==> flow/design.v <==
module my_arith_stage #(
  parameter integer DW = 5
) (
  input core_clk,
  input nrst,
  input [DW-1:0] src1_i,
  input [DW-1:0] src2_i,
  input minus_i,
  output [DW:0] result_o
);
  reg [DW-1:0] src1_q;
  always @(posedge core_clk) begin
    if (!nrst) begin
      src1_q <= 0;
    end else begin
      src1_q <= src1_i;
    end
  end
  reg [DW-1:0] src2_q;
  always @(posedge core_clk) begin
    if (!nrst) begin
      src2_q <= 0;
    end else begin
      src2_q <= src2_i;
    end
  end
  reg minus_q;
  always @(posedge core_clk) begin
    if (!nrst) begin
      minus_q <= 1'b0;
    end else begin
      minus_q <= minus_i;
    end
  end
  reg [DW:0] t_q;
  always @(posedge core_clk) begin
    if (!nrst) begin
      t_q <= 0;
    end else begin
      t_q <= src1_q + src2_q;
    end
  end
  reg [DW:0] aux_q;
  always @(posedge core_clk) begin
    if (!nrst) begin
      aux_q <= 0;
    end else begin
      aux_q <= src1_q - src2_q;
    end
  end
  reg minus_q_d;
  always @(posedge core_clk) begin
    if (!nrst) begin
      minus_q_d <= 1'b0;
    end else begin
      minus_q_d <= minus_q;
    end
  end
  reg [DW:0] result_q;
  always @(posedge core_clk) begin
    if (!nrst) begin
      result_q <= 0;
    end else begin
      result_q <= minus_q_d ? aux_q : t_q;
    end
  end
  assign result_o = result_q;
endmodule
Reports on my_arith_stage
Tool output for the design above, in the order of the flow.
Line numbers count from 1 in the design file above.
Library cell names are shortened.
{"block": "design", "design": "my_arith_stage", "clk_port": "core_clk", "lib": "sky130hd", "pvt_corner": "tt_025C_1v80"}

Word-level counts
Yosys after proc, flatten, opt, wreduce and memory -nomap, before mapping. Enables and synchronous resets that opt folds into registers are not counted as muxes. Memory bits, and registers merged into a memory's read port (data or address), are not among the register bits. Print and check cells are not counted. Equal cells are merged and count once.
{"block": "bits", "regBits": 30, "input_bits": 13, "output_inout_bits": 6, "word_cells": 10}
{"block": "classes", "add_sub_neg": 2, "n_mux": 1}
{"block": "op_table", "operator": "adder 5 x 5 -> 6 bit", "n": 1}
{"block": "op_table", "operator": "subtractor 5 x 5 -> 6 bit", "n": 1}
{"block": "op_table", "operator": "two-way mux 6 bit", "n": 1}

Depth
Longest topological path by Yosys (ltp), each cell counted once; first at word level (registers and memories cut), then after technology mapping (sequential cells cut; the memories' decode and read muxes count).
{"block": "depth", "depth_word": 1, "ABC_AREA": 0, "ltp_mapped": 7, "ltp_nobuf": 7}

Synthesis result
The flow's flattened synthesis, as Yosys stat reports it; memories are mapped. The netlist is that of the ABC_AREA named above (0 if unset); the other value can give another one.
{"block": "mapped", "cell_count": 113, "area_mm2": 0.0011961, "seqArea_mm2": 0.0005806, "ff_cells": 29, "buf_cells": 5}
{"block": "by_type", "type": "dfxtp_1", "n": 29, "type_area_um2": 580.557}
{"block": "by_type", "type": "ha_1", "n": 10, "type_area_um2": 125.12}
{"block": "by_type", "type": "and2_1", "n": 16, "type_area_um2": 100.096}
{"block": "by_type", "type": "mux2i_1", "n": 7, "type_area_um2": 70.067}
{"block": "by_type", "type": "nor2b_1", "n": 10, "type_area_um2": 62.56}
{"block": "by_type", "type": "fa_1", "n": 2, "type_area_um2": 40.038}
{"block": "by_type", "type": "inv_1", "n": 8, "type_area_um2": 30.029}
{"block": "by_type", "type": "nor2_1", "n": 6, "type_area_um2": 22.522}
{"block": "by_type", "type": "o21ai_0", "n": 4, "type_area_um2": 20.019}
{"block": "by_type", "type": "xor2_1", "n": 2, "type_area_um2": 17.517}
{"block": "by_type", "type": "a21oi_1", "n": 3, "type_area_um2": 15.014}
{"block": "by_type", "type": "nand2b_1", "n": 2, "type_area_um2": 12.512}
{"block": "by_type", "type": "nor3b_2", "n": 1, "type_area_um2": 12.512}
{"block": "by_type", "type": "buf_6", "n": 1, "type_area_um2": 11.261}
{"block": "by_type", "type": "nor3_2", "n": 1, "type_area_um2": 10.01}
{"block": "by_type", "type": "a21o_2", "n": 1, "type_area_um2": 8.758}
{"block": "by_type", "type": "and3b_1", "n": 1, "type_area_um2": 8.758}
{"block": "by_type", "type": "xnor2_1", "n": 1, "type_area_um2": 8.758}
Not listed: further types 6, cells in them 8.

Worst setup path after synthesis
Path of least setup slack by OpenSTA after synthesis, without wires, with an ideal clock, recovery checks aside; 20% of the period is set as input and as output delay. Where synthesis merged equal registers, the netlist keeps one of their names.
{"block": "synth_timing", "path_kind": "flip-flop to flip-flop", "from": "register src1_q[0]", "to": "register aux_q[4]", "period_ns": 1.75, "setup_time_ns": 0.121, "t_first_pin_ns": 0.000, "arrival_time_ns": 1.277, "t_required_ns": 1.629, "setup_slack_ns": 0.352, "delay_ns": 1.398, "stages": 8, "n_path_buf": 0, "synth_period_reached_ns": 1.398}
"delay_ns" is the arrival time less input delay plus setup time.
"stages": output pins that drive a net of the path, with the launching flip-flop's if there is one; two outputs of one cell count as two.
"synth_period_reached_ns" = period - worst setup slack (recovery checks aside). The figure is calculated, with input and output delays left at 20% of the set period.
Between the ends stands the longest chain of elaborated cells between them, by number of cells; it is not shown to be the way that was timed. Of several equally long chains one is given.
A line is the first line of the expression or statement that the cell stems from. Yosys adds cells for indexed reads and writes and turns some case tables into memories.
{"block": "synth_between", "path_cell_list": "dfxtp_1 -> inv_1 -> ha_1 -> fa_1 -> inv_1 -> a21o_2 -> a21oi_1 -> mux2i_1", "elab_chain_len": 1, "cone_cells": 1, "cone_lines": 1, "cone_classes": "1 x add/sub"}
{"block": "synth_lines", "element": "start: declaration", "line_no": 11, "rtl": "reg [DW-1:0] src1_q;"}
{"block": "synth_lines", "element": "start: assignment", "line_no": 14, "rtl": "src1_q <= 0;"}
{"block": "synth_lines", "element": "start: assignment", "line_no": 16, "rtl": "src1_q <= src1_i;"}
{"block": "synth_lines", "element": "subtractor 5 x 5 -> 6 bit", "line_no": 48, "rtl": "aux_q <= src1_q - src2_q;"}
{"block": "synth_lines", "element": "end: assignment", "line_no": 46, "rtl": "aux_q <= 0;"}
{"block": "synth_lines", "element": "end: assignment", "line_no": 48}
{"block": "synth_lines", "element": "end: declaration", "line_no": 43, "rtl": "reg [DW:0] aux_q;"}

Timing after layout
From the final timing report of run 1: the path of least setup slack in the routed layout; clock arrival at registers is part of the times.
{"block": "layout_timing", "path_kind": "flip-flop to flip-flop", "from": "register src1_q[0]", "to": "register t_q[4]", "period_ns": 1.75, "setup_time_ns": 0.06, "t_first_pin_ns": 0.32, "arrival_time_ns": 1.84, "t_required_ns": 2.02, "setup_slack_ns": 0.18, "stages": 8, "n_path_buf": 0}
Between the ends stands the longest chain of elaborated cells between them, by number of cells; it is not shown to be the way that was timed. Of several equally long chains one is given.
{"block": "layout_between", "path_cell_list": "dfxtp_1 -> ha_1 -> inv_1 -> fa_1 -> nor2_1 -> nor2_1 -> o21bai_1 -> mux2i_1", "elab_chain_len": 1, "cone_cells": 1, "cone_lines": 1, "cone_classes": "1 x add/sub"}
{"block": "layout_lines", "element": "start: declaration", "line_no": 11, "rtl": "reg [DW-1:0] src1_q;"}
{"block": "layout_lines", "element": "start: assignment", "line_no": 14, "rtl": "src1_q <= 0;"}
{"block": "layout_lines", "element": "start: assignment", "line_no": 16, "rtl": "src1_q <= src1_i;"}
{"block": "layout_lines", "element": "adder 5 x 5 -> 6 bit", "line_no": 40, "rtl": "t_q <= src1_q + src2_q;"}
{"block": "layout_lines", "element": "end: assignment", "line_no": 38, "rtl": "t_q <= 0;"}
{"block": "layout_lines", "element": "end: assignment", "line_no": 40}
{"block": "layout_lines", "element": "end: declaration", "line_no": 35, "rtl": "reg [DW:0] t_q;"}

Below are 3 stored runs of the flow (Yosys, OpenROAD; platform sky130hd) on my_arith_stage, each with its settings and what was measured, unordered. Constraints: input delay and output delay 20% of the set period each, output load 0.01 pF.
"period_less_ws_ns" = clock period - worst setup slack. The figure is calculated, with input and output delays left at 20% of the set period.
By "critical_path_time_ns" is meant the share of the clock period that the worst setup path is allowed (20% is reserved at inputs, 20% at outputs), minus its slack. Clock arrival times at its registers enter into it.
By "final_power_mw" is meant OpenSTA's value without simulated activity: inputs other than the clock are taken to toggle once in ten clock periods, and the tool carries that through the logic.

{"run": "run 1", "settings": { "period_ns": 1.75, "CAP_MARGIN": 20, "CORE_MARGIN": 2, "CORE_UTILIZATION": 40, "SLEW_MARGIN": 20 }, "results": { "fin_hold_ws_ns": 0.435, "critical_path_time_ns": 1.57, "timing.worst_path_kind": "flip-flop to flip-flop", "final_power_mw": 1.353, "cell_area_final_mm2": 0.0014639, "synth_chip_area_mm2": 0.0011961, "period_less_ws_ns": 1.572, "final_setup_ws_ns": 0.178, "dieArea_mm2": 0.0034439, "final_setup_tns_ns": 0.000, "post_route_util_pct": 52.2 }}
{"run": "run 2", "settings": { "period_ns": 1.8, "CORE_UTILIZATION": 24, "SETUP_SLACK_MARGIN": 0.44, "PLACE_DENSITY_LB_ADDON": 0.21, "CELL_PAD_IN_SITES_DETAIL_PLACEMENT": 2, "ABC_AREA": 1, "CTS_CLUSTER_DIAMETER": 230, "CAP_MARGIN": 40, "MIN_ROUTING_LAYER": "met2", "MAX_ROUTING_LAYER": "met4", "CORE_MARGIN": 2, "SLEW_MARGIN": 20 }, "results": { "cell_area_final_mm2": 0.0016766, "synth_chip_area_mm2": 0.0012212, "fin_hold_ws_ns": 0.435, "final_setup_ws_ns": 0.438, "critical_path_time_ns": 1.36, "timing.worst_path_kind": "flip-flop to flip-flop", "dieArea_mm2": 0.0056746, "post_route_util_pct": 34.8, "final_setup_tns_ns": 0.000, "final_power_mw": 1.525, "period_less_ws_ns": 1.362 }}
{"run": "run 3", "settings": { "period_ns": 1.75, "CORE_UTILIZATION": 22, "PLACE_DENSITY": 0.71, "CORE_ASPECT_RATIO": 1.07, "CORE_MARGIN": 3, "GPL_ROUTABILITY_DRIVEN": 1, "CTS_CLUSTER_SIZE": 33, "MIN_ROUTING_LAYER": "met2", "CAP_MARGIN": 20, "SLEW_MARGIN": 20 }, "results": { "post_route_util_pct": 29.4, "final_setup_tns_ns": 0.000, "synth_chip_area_mm2": 0.0011961, "final_setup_ws_ns": 0.180, "period_less_ws_ns": 1.570, "final_power_mw": 1.438, "critical_path_time_ns": 1.57, "timing.worst_path_kind": "flip-flop to flip-flop", "cell_area_final_mm2": 0.0015315, "fin_hold_ws_ns": 0.432, "dieArea_mm2": 0.0063586 }}
